==> flow/design.v <==
module alu_sub_unit_mod #(
    parameter int WIDTH = 112
) (
    input  logic sys_clk,
    input  logic [WIDTH-1:0] i_da,
    input  logic [WIDTH-1:0] i_db,
    output logic [WIDTH:0] o_result,
    output logic [WIDTH:0] o_out
);
    logic [WIDTH-1:0] r_da;
    logic [WIDTH-1:0] r_db;
    always_ff @(posedge sys_clk) begin
        r_da <= i_da;
        r_db <= i_db;
        o_result <= r_da + r_db;
        o_out <= r_da - r_db;
    end
endmodule
---- Tool chain data of alu_sub_unit_mod ----
The steps from the RTL of alu_sub_unit_mod to its reports follow in flow order.
Line numbers count from 1 in the design file above.
Not given: n/a
inputs
  design top .............................. alu_sub_unit_mod
  clock port .............................. sys_clk
  library ................................. sky130hd
  library corner .......................... tt_025C_1v80

---- After elaboration ----
Source: Yosys, flattened and elaborated, memories not mapped. Widths are those after wreduce; folded enables and synchronous resets count as part of the registers. Registers that Yosys merges into a memory's read port (data or address) are not register bits. Print and check cells do not count. Equal cells are merged and count once.
operators by class
  $add $sub $neg .......................... 2
operators with widths
  operator                         number
  adder 112 x 112 -> 113 bit       1
  subtractor 112 x 112 -> 113 bit  1
bit counts
  input port bits ......................... 225
  cells after elaboration ................. 6
  register bits ........................... 450

---- Logic depth ----
Yosys ltp: most cells in a row. Word level: on the elaborated netlist, between registers, memories and ports. Mapped: between sequential cells and ports; inverters and the memories' decode and read muxes count.
logic depth
  depth in word-level cells ............... 1
  ABC_AREA ................................ 0
  depth in mapped cells ................... 15
  depth with buffers taken out ............ 14

---- After synthesis ----
Source: synth_stat.txt of the flow (Yosys; design flattened, memories mapped). It holds for the ABC_AREA given above (unset counts as 0); a run with the other value may have another netlist.
The area totals of this step are shown rounded.
mapped netlist
  mapped flip-flops ....................... 449
  cell area after synthesis ............... 0.0244 mm^2
  buffer cells ............................ 115
  sequential part of the area ............. 0.00899 mm^2
  cells in the netlist .................... 2,836
cell types
  type                       number
  sky130_fd_sc_hd__dfxtp_1   449
  sky130_fd_sc_hd__ha_1      224
  sky130_fd_sc_hd__xnor2_1   209
  sky130_fd_sc_hd__a21oi_1   323
  sky130_fd_sc_hd__inv_1     231
  sky130_fd_sc_hd__nor2_1    203
  sky130_fd_sc_hd__nand2_1   169
  sky130_fd_sc_hd__o31ai_1   78
  sky130_fd_sc_hd__o21ai_0   115
  sky130_fd_sc_hd__o21bai_1  65
  sky130_fd_sc_hd__nand4_1   75
  sky130_fd_sc_hd__nor4_1    70
  sky130_fd_sc_hd__a21o_1    42
  sky130_fd_sc_hd__nor3_1    48
  sky130_fd_sc_hd__o21a_1    31
  sky130_fd_sc_hd__buf_2     46
  sky130_fd_sc_hd__nand3_1   38
  sky130_fd_sc_hd__a31oi_1   29
Not listed: further types 83, cells in them 391.

---- Worst setup path after synthesis ----
Source: OpenSTA report_checks on the synthesized netlist (no wires, ideal clock, input and output delay 20% of the period each), path of least setup slack; recovery checks are left aside. Register names are those of the netlist, which keeps one name where synthesis merged equal registers.
timing path post-synthesis
  kind .................................... register to register
  from .................................... register r_db[10]
  to ...................................... register o_out[111]
  buffers on the path ..................... 1
  time at the first pin ................... 0.000 ns
  path delay .............................. 2.990 ns
  data required time ...................... 3.615 ns
  driving pins on the path ................ 15
  slack ................................... 0.750 ns
  data arrival time ....................... 2.865 ns
  clock period ............................ 3.74 ns
  setup time .............................. 0.125 ns
  synthesis period reached ................ 2.99 ns
"path delay" = arrival - input delay + setup time.
"driving pins on the path": output pins that drive a net of the path, with the launching flip-flop's if there is one; two outputs of one cell count as two.
"synthesis period reached" = period - worst setup slack (recovery checks aside). The figure is calculated, with input and output delays left at 20% of the set period.
Between the ends stands the longest chain of elaborated cells between them, by number of cells; it is not shown to be the way that was timed. Of several equally long chains one is given.
Each line given opens the expression or statement behind the cell; cells for indexed reads and writes are added by Yosys, which also makes memories of some case tables.
on the way, post-synthesis
  cell sequence ........................... sky130_fd_sc_hd__dfxtp_1 sky130_fd_sc_hd__inv_1 sky130_fd_sc_hd__ha_1 sky130_fd_sc_hd__buf_6 sky130_fd_sc_hd__and3_4 sky130_fd_sc_hd__and3_4 sky130_fd_sc_hd__a221o_1 sky130_fd_sc_hd__a21oi_2 sky130_fd_sc_hd__o2111ai_1 sky130_fd_sc_hd__a21bo_1 sky130_fd_sc_hd__a221o_2 sky130_fd_sc_hd__a21oi_4 sky130_fd_sc_hd__nor2_2 sky130_fd_sc_hd__nor4b_2 sky130_fd_sc_hd__a211oi_1
  cells in the longest elaborated chain ... 1
  elaborated cells between the ends (all ways) .. 1
  RTL lines with such cells ............... 1
  those cells by class .................... add/sub: 1
ends and longest elaborated chain, post-synthesis
  item                             RTL line  text
  from (decl)                      11        logic [WIDTH-1:0] r_db;
  from (assign)                    14        r_db <= i_db;
  subtractor 112 x 112 -> 113 bit  16        o_out <= r_da - r_db;
  to (assign)                      16
  to (decl)                        8         output logic [WIDTH:0] o_out

---- Path in the finished layout ----
From the final timing report of flow run 3: the path of least setup slack in the routed layout; clock arrival at registers is part of the times.
timing path after layout
  kind .................................... register to register
  from .................................... register r_db[31]
  to ...................................... register o_result[108]
  slack ................................... 0.05 ns
  time at the first pin ................... 0.59 ns
  driving pins on the path ................ 16
  setup time .............................. 0.08 ns
  data required time ...................... 4.26 ns
  buffers on the path ..................... 2
  clock period ............................ 3.74 ns
  data arrival time ....................... 4.20 ns
Between the ends stands the longest chain of elaborated cells between them, by number of cells; it is not shown to be the way that was timed. Of several equally long chains one is given.
on the way, after layout
  cell sequence ........................... sky130_fd_sc_hd__dfxtp_1 sky130_fd_sc_hd__inv_1 sky130_fd_sc_hd__ha_1 sky130_fd_sc_hd__inv_1 sky130_fd_sc_hd__a21oi_1 sky130_fd_sc_hd__a21boi_0 sky130_fd_sc_hd__o21ai_0 sky130_fd_sc_hd__buf_4 sky130_fd_sc_hd__o211ai_1 sky130_fd_sc_hd__buf_4 sky130_fd_sc_hd__and3b_1 sky130_fd_sc_hd__o21ai_4 sky130_fd_sc_hd__a21oi_1 sky130_fd_sc_hd__o21bai_2 sky130_fd_sc_hd__a41oi_2 sky130_fd_sc_hd__xnor2_1
  cells in the longest elaborated chain ... 1
  elaborated cells between the ends (all ways) .. 1
  RTL lines with such cells ............... 1
  those cells by class .................... add/sub: 1
ends and longest elaborated chain, after layout
  item                        RTL line  text
  from (decl)                 11        logic [WIDTH-1:0] r_db;
  from (assign)               14        r_db <= i_db;
  adder 112 x 112 -> 113 bit  15        o_result <= r_da + r_db;
  to (assign)                 15
  to (decl)                   7         output logic [WIDTH:0] o_result,

Flow measurements of alu_sub_unit_mod on sky130hd: 3 stored runs with different settings, listed in no order. Input and output delays are each 20% of the period that was set; the output load is 0.01 pF.
"period reached" = clock period - worst setup slack. The figure is calculated, with input and output delays left at 20% of the set period.
"power" rests on the timing tool's default activity at the inputs, not on a simulated workload.
Measured values are rounded.

======== flow run 1 ========
==> flow/run.sh <==
#!/bin/bash
# the make line also repeats the synthesis and layout settings of config.mk as NAME=value (left out here)
make -C /OpenROAD-flow-scripts/flow DESIGN_CONFIG=/design/flow/config.mk WORK_HOME=/design/flow/orfs CLKGATE_MAP_FILE= finish
==> flow/config.mk <==
export PLATFORM = sky130hd
export DESIGN_NAME = alu_sub_unit_mod
export DESIGN_NICKNAME = alu_sub_unit_mod
export VERILOG_FILES = /design/flow/design.v
export SDC_FILE = /design/flow/constraint.sdc
export NUM_CORES = 4
export LEC_CHECK = 0
export CAP_MARGIN = 0
export CELL_PAD_IN_SITES_DETAIL_PLACEMENT = 0
export CELL_PAD_IN_SITES_GLOBAL_PLACEMENT = 3
export CORE_MARGIN = 2
export CORE_UTILIZATION = 66
export CTS_CLUSTER_DIAMETER = 33
export GPL_ROUTABILITY_DRIVEN = 1
export SETUP_SLACK_MARGIN = -0.4
export SLEW_MARGIN = 20
==> flow/constraint.sdc <==
create_clock -name core_clock -period 5.27 [get_ports {sys_clk}]
set_input_delay 1.0540 -clock core_clock [delete_from_list [all_inputs] [get_ports {sys_clk}]]
set_output_delay 1.0540 -clock core_clock [all_outputs]
set_load 0.01 [all_outputs]

-------- flow run 1 --------
  unfinished; error GPL-0301 in placement

======== flow run 2 ========
==> flow/run.sh <==
#!/bin/bash
# the make line also repeats the synthesis and layout settings of config.mk as NAME=value (left out here)
make -C /OpenROAD-flow-scripts/flow DESIGN_CONFIG=/design/flow/config.mk WORK_HOME=/design/flow/orfs CLKGATE_MAP_FILE= finish
==> flow/config.mk <==
export PLATFORM = sky130hd
export DESIGN_NAME = alu_sub_unit_mod
export DESIGN_NICKNAME = alu_sub_unit_mod
export VERILOG_FILES = /design/flow/design.v
export SDC_FILE = /design/flow/constraint.sdc
export NUM_CORES = 4
export LEC_CHECK = 0
export CAP_MARGIN = 20
export CELL_PAD_IN_SITES_DETAIL_PLACEMENT = 0
export CELL_PAD_IN_SITES_GLOBAL_PLACEMENT = 1
export CORE_MARGIN = 9
export CORE_UTILIZATION = 61
export MIN_ROUTING_LAYER = met2
export PLACE_DENSITY_LB_ADDON = 0.02
export SETUP_SLACK_MARGIN = 0.99
export SLEW_MARGIN = 10
export TNS_END_PERCENT = 45
==> flow/constraint.sdc <==
create_clock -name core_clock -period 4.64 [get_ports {sys_clk}]
set_input_delay 0.9280 -clock core_clock [delete_from_list [all_inputs] [get_ports {sys_clk}]]
set_output_delay 0.9280 -clock core_clock [all_outputs]
set_load 0.01 [all_outputs]

-------- flow run 2 --------
  unfinished; error FLW-0024 in placement

======== flow run 3 ========
==> flow/run.sh <==
#!/bin/bash
# the make line also repeats the synthesis and layout settings of config.mk as NAME=value (left out here)
make -C /OpenROAD-flow-scripts/flow DESIGN_CONFIG=/design/flow/config.mk WORK_HOME=/design/flow/orfs CLKGATE_MAP_FILE= finish
==> flow/config.mk <==
export PLATFORM = sky130hd
export DESIGN_NAME = alu_sub_unit_mod
export DESIGN_NICKNAME = alu_sub_unit_mod
export VERILOG_FILES = /design/flow/design.v
export SDC_FILE = /design/flow/constraint.sdc
export NUM_CORES = 4
export LEC_CHECK = 0
export CAP_MARGIN = 20
export CORE_MARGIN = 2
export CORE_UTILIZATION = 40
export SLEW_MARGIN = 20
==> flow/constraint.sdc <==
create_clock -name core_clock -period 3.74 [get_ports {sys_clk}]
set_input_delay 0.7480 -clock core_clock [delete_from_list [all_inputs] [get_ports {sys_clk}]]
set_output_delay 0.7480 -clock core_clock [all_outputs]
set_load 0.01 [all_outputs]

-------- measured, flow run 3 --------
  period reached .......................... 3.686 ns
  area of the standard cells in the finished layout .. 0.0344 mm^2
  worst setup slack after layout .......... 0.054 ns
  full die area ........................... 0.0631 mm^2
  mapped cell area after synthesis ........ 0.0244 mm^2
  power ................................... 16,700 uW
  sum of negative setup slack ............. 0.000 ns
  utilization of the finished layout ...... 57.0 %
